==> flow/design.v <==
module scratch #(
   parameter ENTRIES = 6,
   parameter WD = 6,
   parameter N_READ = 3,
   parameter NW = 1,
   parameter IDX_W = $clog2(ENTRIES)
) (
   input CLK,
   input [NW-1:0] i_we,
   input [NW*IDX_W-1:0] i_write_addr,
   input [NW*WD-1:0] i_d,
   input [N_READ*IDX_W-1:0] i_rd_addr,
   output reg [N_READ*WD-1:0] o_rd
);
   reg [WD-1:0] rf [0:ENTRIES-1];
   integer idx;
   always @(posedge CLK) begin
      for (idx = 0; idx < NW; idx = idx + 1)
         if (i_we[idx]) rf[i_write_addr[idx*IDX_W +: IDX_W]] <= i_d[idx*WD +: WD];
   end
   wire [N_READ*WD-1:0] val;
   genvar j;
   generate
      for (j = 0; j < N_READ; j = j + 1) begin : row
         assign val[j*WD +: WD] = rf[i_rd_addr[j*IDX_W +: IDX_W]];
      end
   endgenerate
   always @(posedge CLK)
      o_rd <= val;
endmodule
==> reports on scratch <==
Reports on scratch --
Tool output for the members of one design family, told apart by "ENTRIES", in the order of the flow. The file above is the member ENTRIES 6. Line numbers count from 1 in each member's own file. Operators carry their Yosys type and port widths (W data, S select, Z words). Not given: -
Set-up: top scratch, clock input CLK, standard-cell library sky130hd, library corner tt_025C_1v80

Members of the sweep --
Lines of each other member's file that are new or changed against the file above; lines that a member lacks are not shown.
Lines new or changed:
- ENTRIES 8 | line 2 | parameter ENTRIES = 8,
- ENTRIES 10 | line 2 | parameter ENTRIES = 10,
- ENTRIES 12 | line 2 | parameter ENTRIES = 12,
- ENTRIES 16 | line 2 | parameter ENTRIES = 16,
- ENTRIES 48 | line 2 | parameter ENTRIES = 48,

After elaboration --
Yosys after proc, flatten, opt, wreduce and memory -nomap, before mapping. Enables and synchronous resets that opt folds into registers are not counted as muxes. Memory bits, and registers merged into a memory's read port (data or address), are not among the register bits. Print and check cells are not counted. Equal cells are merged and count once. Memory sizes are those after Yosys's memory passes, which may raise the word count (mostly to a power of two), join words into wider ones and drop unused or constant bits.
Cells by class:
- ENTRIES 6 | add/subtract/negate cells 0, $mul 0, divide/modulo/power cells 0, order comparisons 0, equal/unequal tests 0, shifts and indexed selects 0, multiplexer cells 3, bitwise gates (word level) 0, reductions and logical operators 0
- ENTRIES 8 | add/subtract/negate cells 0, $mul 0, divide/modulo/power cells 0, order comparisons 0, equal/unequal tests 0, shifts and indexed selects 0, multiplexer cells 3, bitwise gates (word level) 0, reductions and logical operators 0
- ENTRIES 10 | add/subtract/negate cells 0, $mul 0, divide/modulo/power cells 0, order comparisons 0, equal/unequal tests 0, shifts and indexed selects 0, multiplexer cells 3, bitwise gates (word level) 0, reductions and logical operators 0
- ENTRIES 12 | add/subtract/negate cells 0, $mul 0, divide/modulo/power cells 0, order comparisons 0, equal/unequal tests 0, shifts and indexed selects 0, multiplexer cells 3, bitwise gates (word level) 0, reductions and logical operators 0
- ENTRIES 16 | add/subtract/negate cells 0, $mul 0, divide/modulo/power cells 0, order comparisons 0, equal/unequal tests 0, shifts and indexed selects 0, multiplexer cells 3, bitwise gates (word level) 0, reductions and logical operators 0
- ENTRIES 48 | add/subtract/negate cells 0, $mul 0, divide/modulo/power cells 0, order comparisons 0, equal/unequal tests 0, shifts and indexed selects 0, multiplexer cells 3, bitwise gates (word level) 0, reductions and logical operators 0
Operator list (kind and count):
- ENTRIES 6 | $mux W6: 1; $mux W3: 1; $mux W1: 1
- ENTRIES 8 | $mux W6: 1; $mux W3: 1; $mux W1: 1
- ENTRIES 10 | $mux W6: 1; $mux W4: 1; $mux W1: 1
- ENTRIES 12 | $mux W6: 1; $mux W4: 1; $mux W1: 1
- ENTRIES 16 | $mux W6: 1; $mux W4: 1; $mux W1: 1
- ENTRIES 48 | $mux W6: 2; $mux W1: 1
Storage and ports:
- ENTRIES 6 | register bits 0, bits in latches 0, bits in writable memories 36, ROM bits 0, clocked read ports x word width 18, memories 1, input port bits 20, output and inout bits 18, word-level cells 4
- ENTRIES 8 | register bits 0, bits in latches 0, bits in writable memories 48, ROM bits 0, clocked read ports x word width 18, memories 1, input port bits 20, output and inout bits 18, word-level cells 4
- ENTRIES 10 | register bits 0, bits in latches 0, bits in writable memories 60, ROM bits 0, clocked read ports x word width 18, memories 1, input port bits 24, output and inout bits 18, word-level cells 4
- ENTRIES 12 | register bits 0, bits in latches 0, bits in writable memories 72, ROM bits 0, clocked read ports x word width 18, memories 1, input port bits 24, output and inout bits 18, word-level cells 4
- ENTRIES 16 | register bits 0, bits in latches 0, bits in writable memories 96, ROM bits 0, clocked read ports x word width 18, memories 1, input port bits 24, output and inout bits 18, word-level cells 4
- ENTRIES 48 | register bits 0, bits in latches 0, bits in writable memories 288, ROM bits 0, clocked read ports x word width 18, memories 1, input port bits 32, output and inout bits 18, word-level cells 4
Memory list (shape (words x width / read and write ports)):
- ENTRIES 6 | rf 6x6 r3 w1
- ENTRIES 8 | rf 8x6 r3 w1
- ENTRIES 10 | rf 10x6 r3 w1
- ENTRIES 12 | rf 12x6 r3 w1
- ENTRIES 16 | rf 16x6 r3 w1
- ENTRIES 48 | rf 48x6 r3 w1

Longest topological paths --
Longest topological path by Yosys (ltp), each cell counted once; first at word level (registers and memories cut), then after technology mapping (sequential cells cut; the memories' decode and read muxes count).
Depth:
- ENTRIES 6 | word-level depth 1, ABC_AREA 0, depth in mapped cells 3, gate-level depth less buffers 2
- ENTRIES 8 | word-level depth 1, ABC_AREA 0, depth in mapped cells 3, gate-level depth less buffers 2
- ENTRIES 10 | word-level depth 1, ABC_AREA 0, depth in mapped cells 4, gate-level depth less buffers 3
- ENTRIES 12 | word-level depth 1, ABC_AREA 0, depth in mapped cells 5, gate-level depth less buffers 3
- ENTRIES 16 | word-level depth 1, ABC_AREA 0, depth in mapped cells 5, gate-level depth less buffers 3
- ENTRIES 48 | word-level depth 1, ABC_AREA 0, depth in mapped cells 8, gate-level depth less buffers 5

After synthesis --
Yosys stat after the flow's synthesis: flattened, memories mapped to cells. It holds for the ABC_AREA given above (unset counts as 0); a run with the other value may have another netlist.
Cell types (type and count):
- ENTRIES 6 | sky130_fd_sc_hd__edfxtp_1: 36; sky130_fd_sc_hd__mux4_2: 18; sky130_fd_sc_hd__dfxtp_1: 18; sky130_fd_sc_hd__mux2_1: 28; sky130_fd_sc_hd__mux2_2: 6; sky130_fd_sc_hd__buf_6: 3; sky130_fd_sc_hd__mux2_4: 2; sky130_fd_sc_hd__nand2b_1: 3; sky130_fd_sc_hd__clkbuf_2: 3; sky130_fd_sc_hd__nor2_1: 4; sky130_fd_sc_hd__nor3_1: 2; sky130_fd_sc_hd__nand2_1: 1
- ENTRIES 8 | sky130_fd_sc_hd__edfxtp_1: 48; sky130_fd_sc_hd__mux4_1: 36; sky130_fd_sc_hd__dfxtp_1: 18; sky130_fd_sc_hd__mux2_2: 18; sky130_fd_sc_hd__buf_6: 3; sky130_fd_sc_hd__nor2_1: 6; sky130_fd_sc_hd__nand2b_1: 3; sky130_fd_sc_hd__buf_1: 3; sky130_fd_sc_hd__clkbuf_1: 3; sky130_fd_sc_hd__nor3_1: 2; sky130_fd_sc_hd__nand2_1: 2
- ENTRIES 10 | sky130_fd_sc_hd__edfxtp_1: 60; sky130_fd_sc_hd__mux2_2: 47; sky130_fd_sc_hd__dfxtp_1: 18; sky130_fd_sc_hd__mux2i_1: 36; sky130_fd_sc_hd__o31ai_2: 13; sky130_fd_sc_hd__a22o_1: 18; sky130_fd_sc_hd__o22ai_1: 18; sky130_fd_sc_hd__nand2_1: 22; sky130_fd_sc_hd__mux2_1: 7; sky130_fd_sc_hd__buf_4: 6; sky130_fd_sc_hd__nor2_1: 10; sky130_fd_sc_hd__o31ai_1: 5; sky130_fd_sc_hd__buf_6: 3; sky130_fd_sc_hd__nand2b_1: 5; sky130_fd_sc_hd__nor2b_1: 3; sky130_fd_sc_hd__nand3b_1: 2; sky130_fd_sc_hd__nor3_1: 3; sky130_fd_sc_hd__buf_1: 3; sky130_fd_sc_hd__or3b_2: 1
- ENTRIES 12 | sky130_fd_sc_hd__edfxtp_1: 72; sky130_fd_sc_hd__mux4_2: 18; sky130_fd_sc_hd__dfxtp_1: 18; sky130_fd_sc_hd__mux2i_1: 36; sky130_fd_sc_hd__mux2_2: 30; sky130_fd_sc_hd__o31ai_2: 18; sky130_fd_sc_hd__a22o_1: 18; sky130_fd_sc_hd__o22ai_1: 18; sky130_fd_sc_hd__nand2_1: 22; sky130_fd_sc_hd__mux2_1: 6; sky130_fd_sc_hd__buf_12: 3; sky130_fd_sc_hd__buf_8: 3; sky130_fd_sc_hd__nor2_1: 12; sky130_fd_sc_hd__buf_6: 3; sky130_fd_sc_hd__nand2b_1: 5; sky130_fd_sc_hd__buf_4: 3; sky130_fd_sc_hd__nor2b_1: 3; sky130_fd_sc_hd__clkbuf_2: 3; [+9]
- ENTRIES 16 | sky130_fd_sc_hd__edfxtp_1: 96; sky130_fd_sc_hd__mux4_1: 34; sky130_fd_sc_hd__mux4_2: 38; sky130_fd_sc_hd__dfxtp_1: 18; sky130_fd_sc_hd__a22oi_1: 36; sky130_fd_sc_hd__nand2_1: 19; sky130_fd_sc_hd__buf_6: 6; sky130_fd_sc_hd__buf_12: 3; sky130_fd_sc_hd__nor2_1: 15; sky130_fd_sc_hd__nor2b_1: 6; sky130_fd_sc_hd__buf_2: 6; sky130_fd_sc_hd__nor3_1: 4; sky130_fd_sc_hd__and2_1: 3; sky130_fd_sc_hd__nand3b_1: 2; sky130_fd_sc_hd__nand2b_1: 2; sky130_fd_sc_hd__buf_1: 3; sky130_fd_sc_hd__clkbuf_1: 3; sky130_fd_sc_hd__or3b_2: 1; sky130_fd_sc_hd__nand3_1: 1
- ENTRIES 48 | sky130_fd_sc_hd__edfxtp_1: 288; sky130_fd_sc_hd__mux2i_1: 288; sky130_fd_sc_hd__mux4_2: 86; sky130_fd_sc_hd__a22oi_1: 72; sky130_fd_sc_hd__dfxtp_1: 18; sky130_fd_sc_hd__a22o_1: 36; sky130_fd_sc_hd__o41ai_2: 18; sky130_fd_sc_hd__a221oi_2: 17; sky130_fd_sc_hd__nor2_1: 52; sky130_fd_sc_hd__a21oi_1: 36; sky130_fd_sc_hd__buf_12: 9; sky130_fd_sc_hd__buf_6: 16; sky130_fd_sc_hd__a221oi_1: 19; sky130_fd_sc_hd__buf_4: 19; sky130_fd_sc_hd__nand2_1: 30; sky130_fd_sc_hd__o22ai_1: 18; sky130_fd_sc_hd__mux4_1: 4; sky130_fd_sc_hd__buf_2: 20; [+70]
The mark [+n] counts cells that are not listed.
Mapped netlist:
- ENTRIES 6 | standard cells after synthesis 124, cell area after synthesis 2356.0 um^2, sequential area 1441.4 um^2, mapped flip-flops 54, buffer cells 6
- ENTRIES 8 | standard cells after synthesis 142, cell area after synthesis 3065.4 um^2, sequential area 1801.7 um^2, mapped flip-flops 66, buffer cells 9
- ENTRIES 10 | standard cells after synthesis 280, cell area after synthesis 3900.0 um^2, sequential area 2162.1 um^2, mapped flip-flops 78, buffer cells 12
- ENTRIES 12 | standard cells after synthesis 300, cell area after synthesis 4593.2 um^2, sequential area 2522.4 um^2, mapped flip-flops 90, buffer cells 18
- ENTRIES 16 | standard cells after synthesis 296, cell area after synthesis 5688.0 um^2, sequential area 3243.1 um^2, mapped flip-flops 114, buffer cells 21
- ENTRIES 48 | standard cells after synthesis 1116, cell area after synthesis 17093.9 um^2, sequential area 9008.6 um^2, mapped flip-flops 306, buffer cells 95

Timing after synthesis --
OpenSTA on the mapped netlist: ideal clock, no wires. The path of least setup slack (recovery checks aside). Input and output delay are each 20% of the period. Register names are those of the netlist, which keeps one name where synthesis merged equal registers.
Path post-synthesis:
- ENTRIES 6 | path kind input-to-reg, start input port i_write_addr[0], end memory rf[0][0], clock period 1570 ps, setup slack 254 ps, driving pins on the path 2, delay of the path 1002 ps, synthesis period reached 1316 ps
- ENTRIES 8 | path kind input-to-reg, start input port i_rd_addr[0], end register o_rd[0], clock period 1610 ps, setup slack 256 ps, driving pins on the path 3, delay of the path 1032 ps, synthesis period reached 1354 ps
- ENTRIES 10 | path kind input-to-reg, start input port i_write_addr[2], end memory rf[0][0], clock period 2120 ps, setup slack 343 ps, driving pins on the path 2, delay of the path 1354 ps, synthesis period reached 1777 ps
- ENTRIES 12 | path kind input-to-reg, start input port i_write_addr[2], end memory rf[0][0], clock period 2110 ps, setup slack 335 ps, driving pins on the path 2, delay of the path 1353 ps, synthesis period reached 1775 ps
- ENTRIES 16 | path kind input-to-reg, start input port i_write_addr[2], end memory rf[0][0], clock period 2110 ps, setup slack 336 ps, driving pins on the path 2, delay of the path 1352 ps, synthesis period reached 1774 ps
- ENTRIES 48 | path kind input-to-reg, start input port i_rd_addr[13], end register o_rd[13], clock period 2480 ps, setup slack 398 ps, driving pins on the path 6, delay of the path 1587 ps, synthesis period reached 2082 ps
"delay of the path" is the arrival time less input delay plus setup time. "driving pins on the path": output pins that drive a net of the path, with the launching flip-flop's if there is one; two outputs of one cell count as two. "synthesis period reached" is the clock period less the worst setup slack; recovery checks do not enter. This is arithmetic on one report: input and output delays are still those of the set period (20% each). The rows between start and end are the longest chain of elaborated cells between them; the timing report does not say that the signal goes this way. Where chains are equally long, one stands for them. A line is the first line of the expression or statement that the cell stems from. Yosys adds cells for indexed reads and writes and turns some case tables into memories.
Between the ends, post-synthesis, ENTRIES 6: cells in the longest elaborated chain 1
Ends and longest elaborated chain, post-synthesis, ENTRIES 6:
- from (decl) | line 10 | input [NW*IDX_W-1:0] i_write_addr,
- $mux W3 | line 19 | if (i_we[idx]) rf[i_write_addr[idx*IDX_W +: IDX_W]] <= i_d[idx*WD +: WD];
- to (decl) | line 15 | reg [WD-1:0] rf [0:ENTRIES-1];
Ends and longest elaborated chain, post-synthesis, ENTRIES 48:
- from (decl) | line 12 | input [N_READ*IDX_W-1:0] i_rd_addr,
- to (decl) | line 13 | output reg [N_READ*WD-1:0] o_rd
ENTRIES 48: Chain of elaborated cells between the ends: none given.

Worst path after layout --
From the final timing report of the run of each member: the path of least setup slack in the routed layout; clock arrival at registers is part of the times. The path's times are printed in steps of 10 ps; the period is the one set.
Path after layout:
- ENTRIES 6 | path kind input-to-reg, start input port i_rd_addr[1], end register o_rd[4], clock period 1570 ps, setup slack 70 ps, driving pins on the path 4, arrival time 1680 ps, buffers on the path 2
- ENTRIES 8 | path kind input-to-reg, start input port i_rd_addr[6], end register o_rd[13], clock period 1610 ps, setup slack -10 ps, driving pins on the path 4, arrival time 1850 ps, buffers on the path 2
- ENTRIES 10 | path kind input-to-reg, start input port i_we[0], end memory rf[0][5], clock period 2120 ps, setup slack 440 ps, driving pins on the path 4, arrival time 1750 ps, buffers on the path 2
- ENTRIES 12 | path kind input-to-reg, start input port i_rd_addr[4], end register o_rd[6], clock period 2110 ps, setup slack 410 ps, driving pins on the path 5, arrival time 1930 ps, buffers on the path 2
- ENTRIES 16 | path kind input-to-reg, start input port i_rd_addr[8], end register o_rd[15], clock period 2110 ps, setup slack 130 ps, driving pins on the path 6, arrival time 2270 ps, buffers on the path 3
- ENTRIES 48 | path kind input-to-reg, start input port i_rd_addr[7], end register o_rd[7], clock period 2480 ps, setup slack 120 ps, driving pins on the path 8, arrival time 2760 ps, buffers on the path 4

Layout results --
One run of the flow (Yosys, OpenROAD) for each member, with settings and measured results. Input and output delays are each 20% of the period that was set; the output load is 0.01 pF.
Flow settings: CAP_MARGIN 20, CORE_MARGIN 2, CORE_UTILIZATION 40, SLEW_MARGIN 20
Settings by member (period_ns):
- ENTRIES 6 | 1.57
- ENTRIES 8 | 1.61
- ENTRIES 10 | 2.12
- ENTRIES 12 | 2.11
- ENTRIES 16 | 2.11
- ENTRIES 48 | 2.48
Results:
- ENTRIES 6 | mapped cell area after synthesis 2356.0 um^2, full die area 6519.8 um^2, standard-cell area after routing 3160.5 um^2, utilization 56.4%, worst setup slack after layout 67 ps, setup total negative slack 0 ps, clock period achieved 1503 ps
- ENTRIES 8 | mapped cell area after synthesis 3065.4 um^2, full die area 8379.6 um^2, standard-cell area after routing 3947.5 um^2, utilization 53.8%, worst setup slack after layout -12 ps, setup total negative slack -27 ps, clock period achieved 1622 ps
- ENTRIES 10 | mapped cell area after synthesis 3900.0 um^2, full die area 10555.5 um^2, standard-cell area after routing 4803.4 um^2, utilization 49.8%, worst setup slack after layout 439 ps, setup total negative slack 0 ps, clock period achieved 1681 ps
- ENTRIES 12 | mapped cell area after synthesis 4593.2 um^2, full die area 12356.5 um^2, standard-cell area after routing 5657.9 um^2, utilization 50.0%, worst setup slack after layout 408 ps, setup total negative slack 0 ps, clock period achieved 1702 ps
- ENTRIES 16 | mapped cell area after synthesis 5688.0 um^2, full die area 15189.3 um^2, standard-cell area after routing 7277.0 um^2, utilization 52.4%, worst setup slack after layout 132 ps, setup total negative slack 0 ps, clock period achieved 1978 ps
- ENTRIES 48 | mapped cell area after synthesis 17093.9 um^2, full die area 44405.0 um^2, standard-cell area after routing 20668.6 um^2, utilization 49.2%, worst setup slack after layout 116 ps, setup total negative slack 0 ps, clock period achieved 2364 ps
By "clock period achieved" is meant the clock period of the run minus its worst setup slack. This is arithmetic on one report: input and output delays are still those of the set period (20% each).
